==> flow/design.v <==
module dp_summer_full_adder (
  input wire a,
  input wire b,
  input wire ci,
  output wire s,
  output wire co
);
  assign {co, s} = a + b + ci;
endmodule
module dp_summer #(
  parameter NBITS = 6
) (
  input ck,
  input i_rst_n,
  input ce,
  input [NBITS-1:0] arg0_i,
  input [NBITS-1:0] arg1_i,
  input carry_in_i,
  output reg [NBITS-1:0] result_o,
  output reg ovf_o
);
  wire [NBITS-1:0] t;
  wire [NBITS:0] cy;
  assign cy[0] = carry_in_i;
  genvar k;
  generate
    for (k = 0; k < NBITS; k = k + 1) begin : blk
      dp_summer_full_adder inst (.a(arg0_i[k]), .b(arg1_i[k]), .ci(cy[k]), .s(t[k]), .co(cy[k+1]));
    end
  endgenerate
  always @(posedge ck or negedge i_rst_n) begin
    if (!i_rst_n) begin
      result_o <= 0;
    end else if (ce) begin
      result_o <= t;
    end
  end
  always @(posedge ck or negedge i_rst_n) begin
    if (!i_rst_n) begin
      ovf_o <= 1'b0;
    end else if (ce) begin
      ovf_o <= cy[NBITS];
    end
  end
endmodule
# Step by step through the tools: dp_summer
# The steps from the RTL of dp_summer to its reports follow in flow order.
# Line numbers count from 1 in the design file above.
# Library cell names are shortened.
# The mark - stands for no value.
# setup
top_module,dp_summer
clk_port,ck
library,sky130hd
lib_corner,tt_025C_1v80

# Elaborated design
# Counts by Yosys on the flattened word-level netlist (proc, flatten, opt, wreduce; memories kept). Register bits leave out memories and registers merged into their read ports (data or address); mux counts leave out enables and synchronous resets folded into registers. Print and check cells are left out. Cells with the same type and inputs are merged into one.
# op_classes
add_sub_neg,12
n_mul,0
div,0
compare,0
eq_ne,0
n_shift,0
mux,0
bitwise,0
reduce_and_logical,0
# ops
op,count
adder 1 x 1 -> 2 bit,6
adder 2 x 1 -> 2 bit,6
# word_totals
reg_bits,7
latchBits,0
ramBits,0
mem_bits_ro,0
clocked_rd_ports_x_width,0
memories,0
output_inout_bits,7

# Longest topological paths
# Longest topological path by Yosys (ltp), each cell counted once; first at word level (registers and memories cut), then after technology mapping (sequential cells cut; the memories' decode and read muxes count).
# logic_depth
depth_word,7
abc_area,0
ltp_mapped,10

# After synthesis
# Source: synth_stat.txt of the flow (Yosys; design flattened, memories mapped). It holds for the ABC_AREA given above (unset counts as 0); a run with the other value may have another netlist.
# The area totals of this step are shown rounded.
# types
cell_type,count,area_total_um2
dfrtp_1,7,175.168
fa_1,6,120.115
mux2_4,4,60.058
inv_1,8,30.029
buf_6,1,11.261
a21oi_1,2,10.01
mux2i_1,1,10.01
nor2_1,2,7.507
# synth_totals
cell_count,31
mapped_area_um2,424
seqArea_um2,175
ff_cells,7
buf_cells,1
# By module: a second synthesis without flattening, with its own total; a netlist apart from the flattened one above.
# hier_totals
hier_cells,21
hier_area_um2,412
# Each row is one instance without its submodules.
# by_module
module,instances,cells,area_um2,mod_seq_area_um2
dp_summer,1,15,292,175
dp_summer_full_adder,6,1,20.0,0.0

# Timing after synthesis
# Path of least setup slack by OpenSTA after synthesis, without wires, with an ideal clock, recovery checks aside; 20% of the period is set as input and as output delay. Where synthesis merged equal registers, the netlist keeps one of their names.
# synth_timing
path_type,input to register
startpoint,in arg0_i[0]
endpoint,reg result_o[5]
clock_period_ns,3.77
input_delay_ns,0.754
setup_ns,0.077
t_arrival_ns,3.087
t_required_ns,3.693
slack_ns,0.605
delay_ns,2.410
driving_pins,10
path_buffers,0
synth_period_reached_ns,3.165
# "delay_ns" = arrival - input delay + setup time.
# "driving_pins" counts driving pins, that of a launching flip-flop among them; a cell with two outputs on the path counts twice.
# "synth_period_reached_ns" is the clock period less the worst setup slack; recovery checks do not enter. This is arithmetic on one report: input and output delays are still those of the set period (20% each).
# Between the ends stands the longest chain of elaborated cells between them, by number of cells; it is not shown to be the way that was timed. Of several equally long chains one is given.
# Each line given opens the expression or statement behind the cell; cells for indexed reads and writes are added by Yosys, which also makes memories of some case tables.
# synth_between
cell_sequence,inv_1 -> fa_1 -> inv_1 -> fa_1 -> fa_1 -> fa_1 -> fa_1 -> inv_1 -> fa_1 -> a21oi_1
elab_chain_cells,7
# synth_rtl
item,line_no,text
from (decl),16,"input [NBITS-1:0] arg0_i,"
adder 1 x 1 -> 2 bit,8,"assign {co, s} = a + b + ci;"
adder 2 x 1 -> 2 bit x6,8,
to (assign),33,result_o <= 0;
to (assign),35,result_o <= t;
to (decl),19,"output reg [NBITS-1:0] result_o,"

# Worst path after layout
# From the final timing report of run A: the path of least setup slack in the routed layout; clock arrival at registers is part of the times.
# layout_timing
path_type,input to register
startpoint,in carry_in_i
endpoint,reg result_o[5]
clock_period_ns,1.84
input_delay_ns,0.37
setup_ns,0.07
t_arrival_ns,2.74
t_required_ns,1.99
slack_ns,-0.75
driving_pins,11
path_buffers,1
# Between the ends stands the longest chain of elaborated cells between them, by number of cells; it is not shown to be the way that was timed. Of several equally long chains one is given.
# layout_between
cell_sequence,buf_6 -> inv_4 -> fa_2 -> inv_2 -> fa_2 -> fa_2 -> fa_2 -> fa_2 -> inv_2 -> fa_1 -> a21oi_2
elab_chain_cells,6
# layout_rtl
item,line_no,text
from (decl),18,"input carry_in_i,"
adder 2 x 1 -> 2 bit x6,8,"assign {co, s} = a + b + ci;"
to (assign),33,result_o <= 0;
to (assign),35,result_o <= t;
to (decl),19,"output reg [NBITS-1:0] result_o,"

Settings and measured results of 3 stored flow runs for module dp_summer (sky130hd), not sorted in any way. The constraints put input and output delay at 20% of the set period each and load the outputs with 0.01 pF.
"timing.achieved_period_ns" = clock period - worst setup slack. The figure is calculated, with input and output delays left at 20% of the set period.
By "worst_path_time_ns" is meant the share of the clock period that the worst setup path is allowed (20% is reserved at inputs, 20% at outputs), minus its slack. Clock arrival times at its registers enter into it.
By "final_power_w" is meant OpenSTA's value without simulated activity: inputs other than the clock are taken to toggle once in ten clock periods, and the tool carries that through the logic.
The results are shown rounded.

Run A, flow files:
==> flow/run.sh <==
#!/bin/bash
# the make line also repeats the synthesis and layout settings of config.mk as NAME=value (left out here)
make -C /OpenROAD-flow-scripts/flow DESIGN_CONFIG=/design/flow/config.mk WORK_HOME=/design/flow/orfs CLKGATE_MAP_FILE= finish
==> flow/config.mk <==
export PLATFORM = sky130hd
export DESIGN_NAME = dp_summer
export DESIGN_NICKNAME = dp_summer
export VERILOG_FILES = /design/flow/design.v
export SDC_FILE = /design/flow/constraint.sdc
export NUM_CORES = 4
export LEC_CHECK = 0
export CAP_MARGIN = 20
export CELL_PAD_IN_SITES_DETAIL_PLACEMENT = 2
export CELL_PAD_IN_SITES_GLOBAL_PLACEMENT = 1
export CORE_ASPECT_RATIO = 0.59
export CORE_MARGIN = 2
export CORE_UTILIZATION = 16
export CTS_CLUSTER_DIAMETER = 254
export GPL_TIMING_DRIVEN = 1
export MIN_ROUTING_LAYER = met2
export PLACE_DENSITY_LB_ADDON = 0.17
export SETUP_SLACK_MARGIN = 0.13
export SLEW_MARGIN = 40
export TNS_END_PERCENT = 15
==> flow/constraint.sdc <==
create_clock -name core_clock -period 1.84 [get_ports {ck}]
set_input_delay 0.3680 -clock core_clock [delete_from_list [all_inputs] [get_ports {ck}]]
set_output_delay 0.3680 -clock core_clock [all_outputs]
set_load 0.01 [all_outputs]

==> results of run A, as CSV <==
result,value
layout_stdcell_area_um2,748
timing.achieved_period_ns,2.587
timing.setup.ws_ns,-0.747
yosys.chip_area_um2,424
final_power_w,0.000624
total_negative_slack_ns,-1.89
design.die.area_um2,3090
worst_path_time_ns,2.22
path_kind,"input to register"
finish.utilization_pct,29.5

Run B, flow files:
==> flow/run.sh <==
#!/bin/bash
# the make line also repeats the synthesis and layout settings of config.mk as NAME=value (left out here)
make -C /OpenROAD-flow-scripts/flow DESIGN_CONFIG=/design/flow/config.mk WORK_HOME=/design/flow/orfs CLKGATE_MAP_FILE= finish
==> flow/config.mk <==
export PLATFORM = sky130hd
export DESIGN_NAME = dp_summer
export DESIGN_NICKNAME = dp_summer
export VERILOG_FILES = /design/flow/design.v
export SDC_FILE = /design/flow/constraint.sdc
export NUM_CORES = 4
export LEC_CHECK = 0
export CAP_MARGIN = 20
export CORE_MARGIN = 2
export CORE_UTILIZATION = 40
export SLEW_MARGIN = 20
==> flow/constraint.sdc <==
create_clock -name core_clock -period 3.77 [get_ports {ck}]
set_input_delay 0.7540 -clock core_clock [delete_from_list [all_inputs] [get_ports {ck}]]
set_output_delay 0.7540 -clock core_clock [all_outputs]
set_load 0.01 [all_outputs]

==> results of run B, as CSV <==
result,value
layout_stdcell_area_um2,668
timing.achieved_period_ns,3.461
timing.setup.ws_ns,0.309
yosys.chip_area_um2,424
final_power_w,0.000245
total_negative_slack_ns,0.000
design.die.area_um2,1340
worst_path_time_ns,2.71
path_kind,"input to register"
finish.utilization_pct,69.4

Run C, flow files:
==> flow/run.sh <==
#!/bin/bash
# the make line also repeats the synthesis and layout settings of config.mk as NAME=value (left out here)
make -C /OpenROAD-flow-scripts/flow DESIGN_CONFIG=/design/flow/config.mk WORK_HOME=/design/flow/orfs CLKGATE_MAP_FILE= finish
==> flow/config.mk <==
export PLATFORM = sky130hd
export DESIGN_NAME = dp_summer
export DESIGN_NICKNAME = dp_summer
export VERILOG_FILES = /design/flow/design.v
export SDC_FILE = /design/flow/constraint.sdc
export NUM_CORES = 4
export LEC_CHECK = 0
export ABC_AREA = 1
export CAP_MARGIN = 20
export CELL_PAD_IN_SITES_GLOBAL_PLACEMENT = 2
export CORE_MARGIN = 2
export CORE_UTILIZATION = 71
export CTS_CLUSTER_SIZE = 90
export GPL_ROUTABILITY_DRIVEN = 1
export MIN_ROUTING_LAYER = met1
export PLACE_DENSITY = 0.85
export SETUP_SLACK_MARGIN = 0.84
export SLEW_MARGIN = 30
export TNS_END_PERCENT = 25
==> flow/constraint.sdc <==
create_clock -name core_clock -period 4.31 [get_ports {ck}]
set_input_delay 0.8620 -clock core_clock [delete_from_list [all_inputs] [get_ports {ck}]]
set_output_delay 0.8620 -clock core_clock [all_outputs]
set_load 0.01 [all_outputs]

Run C: incomplete, floorplanning halted on PDN-0185
